==> flow/design.v <==
module core_mux_stage #(
    parameter DATA_WIDTH = 10,
    parameter N = 3,
    parameter SEL_W = $clog2(N)
) (
    input  clk_i,
    input  nrst,
    input  [N*DATA_WIDTH-1:0] i_in,
    input  [SEL_W-1:0] i_pick,
    output reg [DATA_WIDTH-1:0] o_res
);
    wire [N-1:0] hot;
    assign hot = {{(N-1){1'b0}}, 1'b1} << i_pick;
    reg [DATA_WIDTH-1:0] nxt;
    integer i;
    always @(*) begin
        nxt = 0;
        for (i = 0; i < N; i = i + 1)
            nxt = nxt | (i_in[i*DATA_WIDTH +: DATA_WIDTH] & {DATA_WIDTH{hot[i]}});
    end
    always @(posedge clk_i or negedge nrst) begin
        if (~nrst) begin
            o_res <= 0;
        end else begin
            o_res <= nxt;
        end
    end
endmodule
* Reports on core_mux_stage
Tool output for the design above, in the order of the flow. Line numbers count from 1 in the design file above. Not given: n/a
Design: top core_mux_stage, clock input clk_i, standard-cell library sky130hd, timing corner tt_025C_1v80

* Word-level counts
Counts by Yosys on the flattened word-level netlist (proc, flatten, opt, wreduce; memories kept). Register bits leave out memories and registers merged into their read ports (data or address); mux counts leave out enables and synchronous resets folded into registers. Print and check cells are left out. Cells with the same type and inputs are merged into one.
Storage and ports: register bits after elaboration 10, input port bits 34, output and inout bits 10, word-level cells 7
Cells by class: shift operators 1, bitwise operators 5
Operators by type and width (count):
- AND 10 bit | 3
- bitwise OR 10 bit | 2
- left shift 1 x 2 -> 3 bit (first input constant) | 1

* Depth
Yosys ltp: most cells in a row. Word level: on the elaborated netlist, between registers, memories and ports. Mapped: between sequential cells and ports; inverters and the memories' decode and read muxes count.
Depth: depth in word-level cells 4, ABC_AREA 0, gate-level depth with buffers 3, mapped depth without buffers 2

* Synthesis result
The flow's flattened synthesis, as Yosys stat reports it; memories are mapped. The netlist is that of the ABC_AREA named above (0 if unset); the other value can give another one. Totals and module areas in this step are rounded.
Synthesis totals: cells in the netlist 34, synthesis area 464 um^2, area of sequential cells 250 um^2, flip-flops 10, buffers 3
Cell types:
- sky130_fd_sc_hd__dfrtp_1 | count 10, area in all 250.24 um^2
- sky130_fd_sc_hd__mux2i_1 | count 10, area in all 100.096 um^2
- sky130_fd_sc_hd__o2bb2ai_1 | count 10, area in all 87.584 um^2
- sky130_fd_sc_hd__buf_6 | count 1, area in all 11.261 um^2
- sky130_fd_sc_hd__nor2b_1 | count 1, area in all 6.256 um^2
- sky130_fd_sc_hd__buf_2 | count 1, area in all 5.005 um^2
- sky130_fd_sc_hd__clkbuf_1 | count 1, area in all 3.754 um^2

* Worst setup path after synthesis
Source: OpenSTA report_checks on the synthesized netlist (no wires, ideal clock, input and output delay 20% of the period each), path of least setup slack; recovery checks are left aside. Register names are those of the netlist, which keeps one name where synthesis merged equal registers.
Timing after synthesis: path type input to register, start point input i_pick[0], end point register o_res[0], clock period 0.802 ns, external input delay 0.160 ns, library setup time 0.130 ns, time at the first pin 0.160 ns, arrival time 0.543 ns, data required time 0.672 ns, path slack 0.129 ns, path delay 0.513 ns, stages on the path 3, buffers on the path 1, synthesis period reached 0.673 ns
"path delay" = arrival - input delay + setup time. "stages on the path": output pins that drive a net of the path, with the launching flip-flop's if there is one; two outputs of one cell count as two. "synthesis period reached" is the clock period less the worst setup slack; recovery checks do not enter. This is arithmetic on one report: input and output delays are still those of the set period (20% each). Between the ends stands the longest chain of elaborated cells between them, by number of cells; it is not shown to be the way that was timed. Of several equally long chains one is given. A line is the first line of the expression or statement that the cell stems from. Yosys adds cells for indexed reads and writes and turns some case tables into memories.
Between the ends, after synthesis: cells stage by stage sky130_fd_sc_hd__buf_6 -> sky130_fd_sc_hd__mux2i_1 -> sky130_fd_sc_hd__o2bb2ai_1, length of the longest elaborated chain 4, elaborated cells on any way between the ends 6, source lines of those cells 2, those cells by class 1 x shift; 5 x logic
RTL lines, path after synthesis:
- start, declared | line 9 | input  [SEL_W-1:0] i_pick,
- left shift 1 x 2 -> 3 bit | line 13 | assign hot = {{(N-1){1'b0}}, 1'b1} << i_pick;
- AND 10 bit | line 19 | nxt = nxt | (i_in[i*DATA_WIDTH +: DATA_WIDTH] & {DATA_WIDTH{hot[i]}});
- bitwise OR 10 bit (2 in a row) | line 19
- end, assigned | line 23 | o_res <= 0;
- end, assigned | line 25 | o_res <= nxt;
- end, declared | line 10 | output reg [DATA_WIDTH-1:0] o_res

* Timing after layout
Path of least setup slack in the final report of flow run 3 (OpenROAD, finished layout, wires in). Where an end is a register, its clock arrival counts in the times.
Timing post-layout: path type register to output, start point register o_res[4], end point output o_res[4], clock period 0.802 ns, external output delay 0.16 ns, time at the first pin 0.26 ns, arrival time 0.80 ns, data required time 0.64 ns, path slack -0.16 ns, stages on the path 2, buffers on the path 1
Between the ends, post-layout: cells stage by stage sky130_fd_sc_hd__dfrtp_1 -> sky130_fd_sc_hd__buf_6, length of the longest elaborated chain 0, elaborated cells on any way between the ends 0, source lines of those cells 0
RTL lines, path post-layout:
- start, declared | line 10 | output reg [DATA_WIDTH-1:0] o_res
- start, assigned | line 23 | o_res <= 0;
- start, assigned | line 25 | o_res <= nxt;
- end, declared | line 10

Data sheet: physical implementation of core_mux_stage

Top module core_mux_stage; platform sky130hd; tools Yosys and OpenROAD; 3 stored runs in no particular order. Input and output delays are each 20% of the period that was set; the output load is 0.01 pF.
"worst path time": the worst setup path's part of the clock period (all of it between registers, 20% less for each end at a port) less its slack. A launch clock that arrives late makes it longer, a capture clock that arrives late makes it shorter.
"total design power" rests on the timing tool's default activity at the inputs, not on a simulated workload.
The measured numbers are rounded.

[flow run 1] flow files
==> flow/run.sh <==
#!/bin/bash
# the make line also repeats the synthesis and layout settings of config.mk as NAME=value (left out here)
make -C /OpenROAD-flow-scripts/flow DESIGN_CONFIG=/design/flow/config.mk WORK_HOME=/design/flow/orfs CLKGATE_MAP_FILE= finish
==> flow/config.mk <==
export PLATFORM = sky130hd
export DESIGN_NAME = core_mux_stage
export DESIGN_NICKNAME = core_mux_stage
export VERILOG_FILES = /design/flow/design.v
export SDC_FILE = /design/flow/constraint.sdc
export NUM_CORES = 4
export LEC_CHECK = 0
export CAP_MARGIN = 20
export CELL_PAD_IN_SITES_DETAIL_PLACEMENT = 0
export CORE_MARGIN = 5
export CORE_UTILIZATION = 54
export CTS_CLUSTER_SIZE = 66
export MAX_ROUTING_LAYER = met5
export MIN_ROUTING_LAYER = met2
export PLACE_DENSITY_LB_ADDON = 0.11
export SETUP_SLACK_MARGIN = -0.01
export SLEW_MARGIN = 20
==> flow/constraint.sdc <==
create_clock -name core_clock -period 0.724 [get_ports {clk_i}]
set_input_delay 0.1448 -clock core_clock [delete_from_list [all_inputs] [get_ports {clk_i}]]
set_output_delay 0.1448 -clock core_clock [all_outputs]
set_load 0.01 [all_outputs]

[flow run 1] result: did not finish, floorplanning stopped with PDN-0185

[flow run 2] flow files
==> flow/run.sh <==
#!/bin/bash
# the make line also repeats the synthesis and layout settings of config.mk as NAME=value (left out here)
make -C /OpenROAD-flow-scripts/flow DESIGN_CONFIG=/design/flow/config.mk WORK_HOME=/design/flow/orfs CLKGATE_MAP_FILE= finish
==> flow/config.mk <==
export PLATFORM = sky130hd
export DESIGN_NAME = core_mux_stage
export DESIGN_NICKNAME = core_mux_stage
export VERILOG_FILES = /design/flow/design.v
export SDC_FILE = /design/flow/constraint.sdc
export NUM_CORES = 4
export LEC_CHECK = 0
export ABC_AREA = 0
export CAP_MARGIN = 20
export CELL_PAD_IN_SITES_DETAIL_PLACEMENT = 2
export CELL_PAD_IN_SITES_GLOBAL_PLACEMENT = 0
export CORE_MARGIN = 2
export CORE_UTILIZATION = 62
export GPL_ROUTABILITY_DRIVEN = 1
export GPL_TIMING_DRIVEN = 0
export MIN_ROUTING_LAYER = met2
export PLACE_DENSITY = 0.55
export SETUP_SLACK_MARGIN = 0.13
export SLEW_MARGIN = 20
==> flow/constraint.sdc <==
create_clock -name core_clock -period 0.781 [get_ports {clk_i}]
set_input_delay 0.1562 -clock core_clock [delete_from_list [all_inputs] [get_ports {clk_i}]]
set_output_delay 0.1562 -clock core_clock [all_outputs]
set_load 0.01 [all_outputs]

[flow run 2] result: did not finish, floorplanning stopped with PDN-0185

[flow run 3] flow files
==> flow/run.sh <==
#!/bin/bash
# the make line also repeats the synthesis and layout settings of config.mk as NAME=value (left out here)
make -C /OpenROAD-flow-scripts/flow DESIGN_CONFIG=/design/flow/config.mk WORK_HOME=/design/flow/orfs CLKGATE_MAP_FILE= finish
==> flow/config.mk <==
export PLATFORM = sky130hd
export DESIGN_NAME = core_mux_stage
export DESIGN_NICKNAME = core_mux_stage
export VERILOG_FILES = /design/flow/design.v
export SDC_FILE = /design/flow/constraint.sdc
export NUM_CORES = 4
export LEC_CHECK = 0
export CAP_MARGIN = 20
export CORE_MARGIN = 2
export CORE_UTILIZATION = 40
export SLEW_MARGIN = 20
==> flow/constraint.sdc <==
create_clock -name core_clock -period 0.802 [get_ports {clk_i}]
set_input_delay 0.1604 -clock core_clock [delete_from_list [all_inputs] [get_ports {clk_i}]]
set_output_delay 0.1604 -clock core_clock [all_outputs]
set_load 0.01 [all_outputs]

[flow run 3] result: area inside the die boundary 1,450 um^2; standard-cell area after routing 970 um^2; setup slack of the critical path -0.160 ns; total design power 0.00143 W; worst path time 0.80 ns; worst setup path type register to output; netlist area reported by Yosys 464 um^2; utilization of the finished layout 0.885
